==> flow/design.v <==
module my_sub_unit #(
  parameter integer DATA_WIDTH = 48
) (
  input logic clk,
  input logic clr,
  input logic [DATA_WIDTH-1:0] opa,
  input logic [DATA_WIDTH-1:0] opb,
  input logic subtract,
  output logic [DATA_WIDTH-1:0] delta,
  output logic cout
);
  logic [DATA_WIDTH-1:0] w2;
  assign w2 = opb ^ {DATA_WIDTH{subtract}};
  logic [DATA_WIDTH:0] work;
  assign work = opa + w2 + subtract;
  always_ff @(posedge clk or posedge clr) begin
    if (clr) begin
      delta <= 0;
    end else begin
      delta <= work[DATA_WIDTH-1:0];
    end
  end
  always_ff @(posedge clk or posedge clr) begin
    if (clr) begin
      cout <= 1'b0;
    end else begin
      cout <= work[DATA_WIDTH];
    end
  end
endmodule
-- From RTL to reports: my_sub_unit
The steps from the RTL of my_sub_unit to its reports follow in flow order.
Line numbers count from 1 in the design file above.
Operators: Yosys type, input widths -> output width; for muxes data width and select width s.
The mark -- stands for no value.
- top module: my_sub_unit
- clock port: clk
- standard-cell library: sky130hd
- timing corner: tt_025C_1v80

-- Word-level counts
Source: Yosys, flattened and elaborated, memories not mapped. Widths are those after wreduce; folded enables and synchronous resets count as part of the registers. Registers that Yosys merges into a memory's read port (data or address) are not register bits. Print and check cells do not count. Equal cells are merged and count once.
- register bits: 49
- input bits at 99
- noted bitwise logic cells: 1
- add/subtract/negate cells at 2
- operators by type and width (operator ; number):
    $add 48x48->49 ; 1
    $add 49x1->49 ; 1
    $xor 48x48->48 ; 1

-- Logic depth
Yosys ltp: most cells in a row. Word level: on the elaborated netlist, between registers, memories and ports. Mapped: between sequential cells and ports; inverters and the memories' decode and read muxes count.
- depth after elaboration: 3
- noted ABC_AREA: 0
- gate-level depth with buffers at 13
- noted depth with buffers taken out: 11

-- After synthesis
Source: synth_stat.txt of the flow (Yosys; design flattened, memories mapped). It holds for the ABC_AREA given above (unset counts as 0); a run with the other value may have another netlist.
- cells by type (cell type ; number):
    sky130_fd_sc_hd__dfrtp_1 ; 49
    sky130_fd_sc_hd__ha_1 ; 50
    sky130_fd_sc_hd__xor2_1 ; 66
    sky130_fd_sc_hd__a21oi_1 ; 50
    sky130_fd_sc_hd__xnor2_1 ; 25
    sky130_fd_sc_hd__a21o_1 ; 24
    sky130_fd_sc_hd__nand2_1 ; 36
    sky130_fd_sc_hd__o21ai_0 ; 25
    sky130_fd_sc_hd__nor2_1 ; 30
    sky130_fd_sc_hd__nand4_1 ; 13
    sky130_fd_sc_hd__nand3_1 ; 15
    sky130_fd_sc_hd__clkbuf_1 ; 17
    sky130_fd_sc_hd__inv_1 ; 17
    sky130_fd_sc_hd__a31oi_1 ; 10
    sky130_fd_sc_hd__o21bai_1 ; 8
    sky130_fd_sc_hd__nor3_1 ; 9
    sky130_fd_sc_hd__o21a_1 ; 6
    sky130_fd_sc_hd__a211oi_1 ; 5
Not listed: further types 38, cells in them 70.
- flip-flops: 49
- cell count: 525
- noted cell area after synthesis: 4554.4 um^2

-- Timing after synthesis
Source: OpenSTA report_checks on the synthesized netlist (no wires, ideal clock, input and output delay 20% of the period each), path of least setup slack; recovery checks are left aside. Register names are those of the netlist, which keeps one name where synthesis merged equal registers.
- kind: input to register
- start: in subtract
- end: reg delta[45]
- noted period: 5.18 ns
- noted path slack: 0.828 ns
- noted time at the first pin: 1.036 ns
- noted driving pins on the path: 13
- noted input delay: 1.036 ns
- noted buffers on the path: 3
- data arrival time at 4.272 ns
- path delay: 3.316 ns
- synthesis period reached at 4.352 ns
"path delay" = arrival - input delay + setup time.
"driving pins on the path": output pins that drive a net of the path, with the launching flip-flop's if there is one; two outputs of one cell count as two.
"synthesis period reached" = period - worst setup slack (recovery checks aside). The figure is calculated, with input and output delays left at 20% of the set period.
The rows between start and end are the longest chain of elaborated cells between them; the timing report does not say that the signal goes this way. Where chains are equally long, one stands for them.
Each line given opens the expression or statement behind the cell; cells for indexed reads and writes are added by Yosys, which also makes memories of some case tables.
- cells stage by stage: sky130_fd_sc_hd__buf_1 > sky130_fd_sc_hd__clkbuf_1 > sky130_fd_sc_hd__xor2_1 > sky130_fd_sc_hd__ha_1 > sky130_fd_sc_hd__clkbuf_1 > sky130_fd_sc_hd__a21o_1 > sky130_fd_sc_hd__a31o_1 > sky130_fd_sc_hd__a2bb2oi_2 > sky130_fd_sc_hd__a21oi_1 > sky130_fd_sc_hd__or4_4 > sky130_fd_sc_hd__a311o_1 > sky130_fd_sc_hd__a211oi_2 > sky130_fd_sc_hd__xnor2_1
- length of the longest elaborated chain: 3
- noted elaborated cells on any way between the ends: 3
- classes of those cells: 2 x add/sub; 1 x logic
- ends and longest elaborated chain, after synthesis (item ; line ; text):
    start, declared ; 8 ; input logic subtract,
    $xor 48x48->48 ; 13 ; assign w2 = opb ^ {DATA_WIDTH{subtract}};
    $add 48x48->49 ; 15 ; assign work = opa + w2 + subtract;
    $add 49x1->49 ; 15 ;
    end, assigned ; 18 ; delta <= 0;
    end, assigned ; 20 ; delta <= work[DATA_WIDTH-1:0];
    end, declared ; 9 ; output logic [DATA_WIDTH-1:0] delta,

-- Path in the finished layout
From the final timing report of stored run 1: the path of least setup slack in the routed layout; clock arrival at registers is part of the times.
- kind: input to register
- start: in opb[9]
- end: reg cout
- noted buffers on the path: 1
- noted period: 5.18 ns
- noted path slack: 1.27 ns
- data arrival time at 4.06 ns
- noted driving pins on the path: 11
- noted input delay: 1.04 ns
- noted time at the first pin: 1.04 ns
The rows between start and end are the longest chain of elaborated cells between them; the timing report does not say that the signal goes this way. Where chains are equally long, one stands for them.
- cells stage by stage: sky130_fd_sc_hd__clkdlybuf4s50_1 > sky130_fd_sc_hd__xor2_1 > sky130_fd_sc_hd__ha_1 > sky130_fd_sc_hd__a21o_1 > sky130_fd_sc_hd__a31o_2 > sky130_fd_sc_hd__a2111oi_1 > sky130_fd_sc_hd__a21oi_1 > sky130_fd_sc_hd__o21ai_1 > sky130_fd_sc_hd__a31oi_1 > sky130_fd_sc_hd__a211oi_1 > sky130_fd_sc_hd__a21oi_1
- length of the longest elaborated chain: 3
- noted elaborated cells on any way between the ends: 3
- classes of those cells: 2 x add/sub; 1 x logic
- ends and longest elaborated chain, post-layout (item ; line ; text):
    start, declared ; 7 ; input logic [DATA_WIDTH-1:0] opb,
    $xor 48x48->48 ; 13 ; assign w2 = opb ^ {DATA_WIDTH{subtract}};
    $add 48x48->49 ; 15 ; assign work = opa + w2 + subtract;
    $add 49x1->49 ; 15 ;
    end, assigned ; 25 ; cout <= 1'b0;
    end, assigned ; 27 ; cout <= work[DATA_WIDTH];
    end, declared ; 10 ; output logic cout

Subject: flow runs of my_sub_unit

Hi,

Record of 3 stored runs of the RTL-to-layout flow on my_sub_unit, platform sky130hd. The runs are unordered. Constraints: input delay and output delay 20% of the set period each, output load 0.01 pF.
By "critical setup path time" is meant the share of the clock period that the worst setup path is allowed (20% is reserved at inputs, 20% at outputs), minus its slack. Clock arrival times at its registers enter into it.

Stored run 1
Settings were period_ns = 5.18; CAP_MARGIN = 20; CORE_MARGIN = 2; CORE_UTILIZATION = 40; SLEW_MARGIN = 20
- noted the cell area after synthesis: 4554.4 um^2
- noted the full die area: 12255.6 um^2
- post-layout utilization: 57.2%
- worst setup slack after layout: 1.274 ns
- noted the critical setup path time: 2.87 ns
- worst setup path type: input to register

Stored run 2
Settings were period_ns = 6.58; CORE_UTILIZATION = 16; SETUP_SLACK_MARGIN = 0.21; PLACE_DENSITY = 0.58; CORE_MARGIN = 7; TNS_END_PERCENT = 25; CAP_MARGIN = 40; MAX_ROUTING_LAYER = met5; SLEW_MARGIN = 20
- noted the cell area after synthesis: 4554.4 um^2
- noted the full die area: 33384.8 um^2
- post-layout utilization: 23.7%
- worst setup slack after layout: 2.123 ns
- noted the critical setup path time: 3.14 ns
- worst setup path type: input to register

Stored run 3
Settings were period_ns = 7.6; CORE_UTILIZATION = 57; SETUP_SLACK_MARGIN = 1.43; CORE_MARGIN = 2; GPL_TIMING_DRIVEN = 1; CTS_CLUSTER_DIAMETER = 194; CAP_MARGIN = 25; SLEW_MARGIN = 0; MAX_ROUTING_LAYER = met5
- noted the cell area after synthesis: 4554.4 um^2
- noted the full die area: 8720.8 um^2
- post-layout utilization: 79.9%
- worst setup slack after layout: 2.676 ns
- noted the critical setup path time: 3.40 ns
- worst setup path type: input to register

Regards
